==> flow/design.v <==
module mplex_top #(
   parameter WIDTH = 1
) (
   input clock,
   input [WIDTH-1:0] bus0,
   input [WIDTH-1:0] bus1,
   input [WIDTH-1:0] bus2,
   input [WIDTH-1:0] bus3,
   input [WIDTH-1:0] bus4,
   input [WIDTH-1:0] bus5,
   input [WIDTH-1:0] bus6,
   input [WIDTH-1:0] bus7,
   input [WIDTH-1:0] bus8,
   input [WIDTH-1:0] bus9,
   input [3:0] addr,
   output [WIDTH-1:0] result
);
   reg [WIDTH-1:0] bus0_reg;
   reg [WIDTH-1:0] bus1_reg;
   reg [WIDTH-1:0] bus2_reg;
   reg [WIDTH-1:0] bus3_reg;
   reg [WIDTH-1:0] bus4_reg;
   reg [WIDTH-1:0] bus5_reg;
   reg [WIDTH-1:0] bus6_reg;
   reg [WIDTH-1:0] bus7_reg;
   reg [WIDTH-1:0] bus8_reg;
   reg [WIDTH-1:0] bus9_reg;
   reg [3:0] addr_reg;
   always @(posedge clock) begin
      bus0_reg <= bus0;
      bus1_reg <= bus1;
      bus2_reg <= bus2;
      bus3_reg <= bus3;
      bus4_reg <= bus4;
      bus5_reg <= bus5;
      bus6_reg <= bus6;
      bus7_reg <= bus7;
      bus8_reg <= bus8;
      bus9_reg <= bus9;
      addr_reg <= addr;
   end
   wire [WIDTH-1:0] work;
   assign work =
      (addr_reg == 4'd0) ? bus0_reg :
      (addr_reg == 4'd1) ? bus1_reg :
      (addr_reg == 4'd2) ? bus2_reg :
      (addr_reg == 4'd3) ? bus3_reg :
      (addr_reg == 4'd4) ? bus4_reg :
      (addr_reg == 4'd5) ? bus5_reg :
      (addr_reg == 4'd6) ? bus6_reg :
      (addr_reg == 4'd7) ? bus7_reg :
      (addr_reg == 4'd8) ? bus8_reg :
      bus9_reg;
   reg [WIDTH-1:0] result_reg;
   always @(posedge clock) begin
      result_reg <= work;
   end
   assign result = result_reg;
endmodule
# --- From RTL to reports: mplex_top ---
# The steps from the RTL of mplex_top to its reports follow in flow order.
# Lines are those of the file above, counted from 1.
# Operators: Yosys type, input widths -> output width; for muxes data width and select width s.
# Library cell names are shortened.
setup:
  top_module: "mplex_top"
  clock: "clock"
  cell_library: "sky130hd"
  lib_corner: "tt_025C_1v80"

# --- Word-level counts ---
# Yosys after proc, flatten, opt, wreduce and memory -nomap, before mapping. Enables and synchronous resets that opt folds into registers are not counted as muxes. Memory bits, and registers merged into a memory's read port (data or address), are not among the register bits. Print and check cells are not counted. Equal cells are merged and count once.
classes:
  n_eq: 8
  mux: 9
  n_reduce_logical: 1
op_table:
  columns: ["op", "count"]
  rows:
  - ["$eq 4x3->1 const B", 4]
  - ["$mux 1", 9]
  - ["$eq 4x2->1 const B", 2]
  - ["$eq 4x1->1 const B", 1]
  - ["$eq 4x4->1 const B", 1]
  - ["$logic_not 4->1", 1]
bits:
  register_bits: 15
  inputBits: 15
  output_inout_bits: 1
  wordCells: 30

# --- Logic depth ---
# Depth = most cells in a row (Yosys ltp): at word level without a register or memory, in the mapped netlist without a sequential cell, where the memories' decode and read muxes count.
logic_depth:
  ltp_word: 10
  abc_area: 0
  mapped_depth: 5
  depth_no_buf: 4

# --- Netlist ---
# The flow's flattened synthesis, as Yosys stat reports it; memories are mapped. The netlist is that of the ABC_AREA named above (0 if unset); the other value can give another one.
mapped:
  stdcells: 40
  area_um2: 500.5
  seqArea_um2: 300.3
  ff_cells: 15
  buf_cells: 2
by_type:
  columns: ["cell_type", "count", "type_area_um2"]
  rows:
  - ["dfxtp_1", 15, 300.288]
  - ["mux2i_1", 4, 40.038]
  - ["nor4b_1", 2, 17.517]
  - ["a211oi_2", 1, 12.512]
  - ["nor3b_2", 1, 12.512]
  - ["buf_6", 1, 11.261]
  - ["and3b_2", 1, 10.01]
  - ["o31a_2", 1, 10.01]
  - ["a221oi_1", 1, 8.758]
  - ["or4_2", 1, 8.758]
  - ["xnor2_1", 1, 8.758]
  - ["buf_4", 1, 7.507]
  - ["inv_1", 2, 7.507]
  - ["nor2_1", 2, 7.507]
  - ["nor3b_1", 1, 7.507]
  - ["o31ai_1", 1, 7.507]
  - ["nand2b_1", 1, 6.256]
  - ["nor4_1", 1, 6.256]
# Not listed: further types 2, cells in them 2.

# --- Timing after synthesis ---
# Source: OpenSTA report_checks on the synthesized netlist (no wires, ideal clock, input and output delay 20% of the period each), path of least setup slack; recovery checks are left aside. Register names are those of the netlist, which keeps one name where synthesis merged equal registers.
synth_timing:
  kind: "reg-to-reg"
  startpoint: "register addr_reg[1]"
  endpoint: "register result_reg"
  tclk_ns: 1.53
  t_first_pin_ns: 0.000
  t_arrival_ns: 1.141
  required_ns: 1.443
  setup_slack_ns: 0.302
  path_delay_ns: 1.228
  path_stages: 4
  n_path_buf: 1
  synth_period_reached_ns: 1.228
# "path_delay_ns" is the arrival time less input delay plus setup time.
# "path_stages" counts driving pins, that of a launching flip-flop among them; a cell with two outputs on the path counts twice.
# "synth_period_reached_ns" is the clock period less the worst setup slack; recovery checks do not enter. This is arithmetic on one report: input and output delays are still those of the set period (20% each).
# The rows between start and end are the longest chain of elaborated cells between them; the timing report does not say that the signal goes this way. Where chains are equally long, one stands for them.
# A line is the first line of the expression or statement that the cell stems from. Yosys adds cells for indexed reads and writes and turns some case tables into memories.
synth_via:
  path_cell_list: "dfxtp_1 buf_4 or4_2 o31ai_1"
  elab_chain_len: 10
  cells_between: 18
  cone_lines: 9
  cone_classes: "eq/ne: 8; mux: 9; reduce/logical: 1"
synth_lines:
  columns: ["item", "line", "text"]
  rows:
  - ["start, declared", 28, "reg [3:0] addr_reg;"]
  - ["start, assigned", 40, "addr_reg <= addr;"]
  - ["$eq 4x4->1", 52, "(addr_reg == 4'd8) ? bus8_reg :"]
  - ["$mux 1", 52, null]
  - ["$mux 1", 51, "(addr_reg == 4'd7) ? bus7_reg :"]
  - ["$mux 1", 50, "(addr_reg == 4'd6) ? bus6_reg :"]
  - ["$mux 1", 49, "(addr_reg == 4'd5) ? bus5_reg :"]
  - ["$mux 1", 48, "(addr_reg == 4'd4) ? bus4_reg :"]
  - ["$mux 1", 47, "(addr_reg == 4'd3) ? bus3_reg :"]
  - ["$mux 1", 46, "(addr_reg == 4'd2) ? bus2_reg :"]
  - ["$mux 1", 45, "(addr_reg == 4'd1) ? bus1_reg :"]
  - ["$mux 1", 44, "(addr_reg == 4'd0) ? bus0_reg :"]
  - ["end, assigned", 56, "result_reg <= work;"]
  - ["end, declared", 54, "reg [WIDTH-1:0] result_reg;"]

# --- Path in the finished layout ---
# From the final timing report of flow run B: the path of least setup slack in the routed layout; clock arrival at registers is part of the times.
layout_timing:
  kind: "reg-to-output"
  startpoint: "register result_reg"
  endpoint: "output port result[0]"
  tclk_ns: 1.53
  out_delay_ns: 0.31
  t_first_pin_ns: 0.28
  t_arrival_ns: 1.10
  required_ns: 1.22
  setup_slack_ns: 0.12
  path_stages: 2
  n_path_buf: 1
layout_via:
  path_cell_list: "dfxtp_1 clkdlybuf4s50_1"
  elab_chain_len: 0
  cells_between: 0
  cone_lines: 0
layout_lines:
  columns: ["item", "line", "text"]
  rows:
  - ["start, declared", 54, "reg [WIDTH-1:0] result_reg;"]
  - ["start, assigned", 56, "result_reg <= work;"]
  - ["end, declared", 16, "output [WIDTH-1:0] result"]

# Measured data: module mplex_top, platform sky130hd, 3 stored runs of the flow under differing settings, order arbitrary. Input and output delays are each 20% of the period that was set; the output load is 0.01 pF.
# "achieved_clock_period_ns" is the run's clock period less its worst setup slack. It is reckoned from that one timing run; input and output delays stay at 20% of the period that was set.
# "worst_path_allowed_less_slack_ns" is the time allowed to the run's worst setup path (the clock period less input and output delay, where it has them) less its slack. Clock arrival times count: a late capture clock shortens it, a late launch clock lengthens it.
# By "design_power_uw" is meant OpenSTA's value without simulated activity: inputs other than the clock are taken to toggle once in ten clock periods, and the tool carries that through the logic.
runs:
  - name: "flow run A"
    settings:
      period_ns: 1.88
      CORE_UTILIZATION: 61
      SETUP_SLACK_MARGIN: 0.31
      PLACE_DENSITY_LB_ADDON: 0.17
      CORE_MARGIN: 10
      CELL_PAD_IN_SITES_GLOBAL_PLACEMENT: 3
      GPL_TIMING_DRIVEN: 0
      CTS_CLUSTER_SIZE: 84
      MAX_ROUTING_LAYER: "met4"
      CAP_MARGIN: 20
      SLEW_MARGIN: 20
    outcome: "no results, floorplanning failed with PDN-0185"
  - name: "flow run B"
    settings:
      period_ns: 1.53
      CAP_MARGIN: 20
      CORE_MARGIN: 2
      CORE_UTILIZATION: 40
      SLEW_MARGIN: 20
    results:
      ws_hold_ns: 0.464
      post_synth_area_um2: 500.5
      design_die_area_um2: 1550.0
      layout_utilization_pct: 59.3
      timing.setup.tns_ns: 0.000
      post_route_stdcell_area_um2: 676.9
      achieved_clock_period_ns: 1.411
      timing.setup.ws_ns: 0.119
      design_power_uw: 719.8
      worst_path_allowed_less_slack_ns: 1.10
      worstPathKind: "reg-to-output"
  - name: "flow run C"
    settings:
      period_ns: 1.38
      CORE_UTILIZATION: 50
      SETUP_SLACK_MARGIN: 0.32
      PLACE_DENSITY_LB_ADDON: 0.27
      CORE_MARGIN: 9
      TNS_END_PERCENT: 95
      GPL_TIMING_DRIVEN: 0
      CAP_MARGIN: 35
      SLEW_MARGIN: 15
    outcome: "no results, floorplanning failed with PDN-0185"
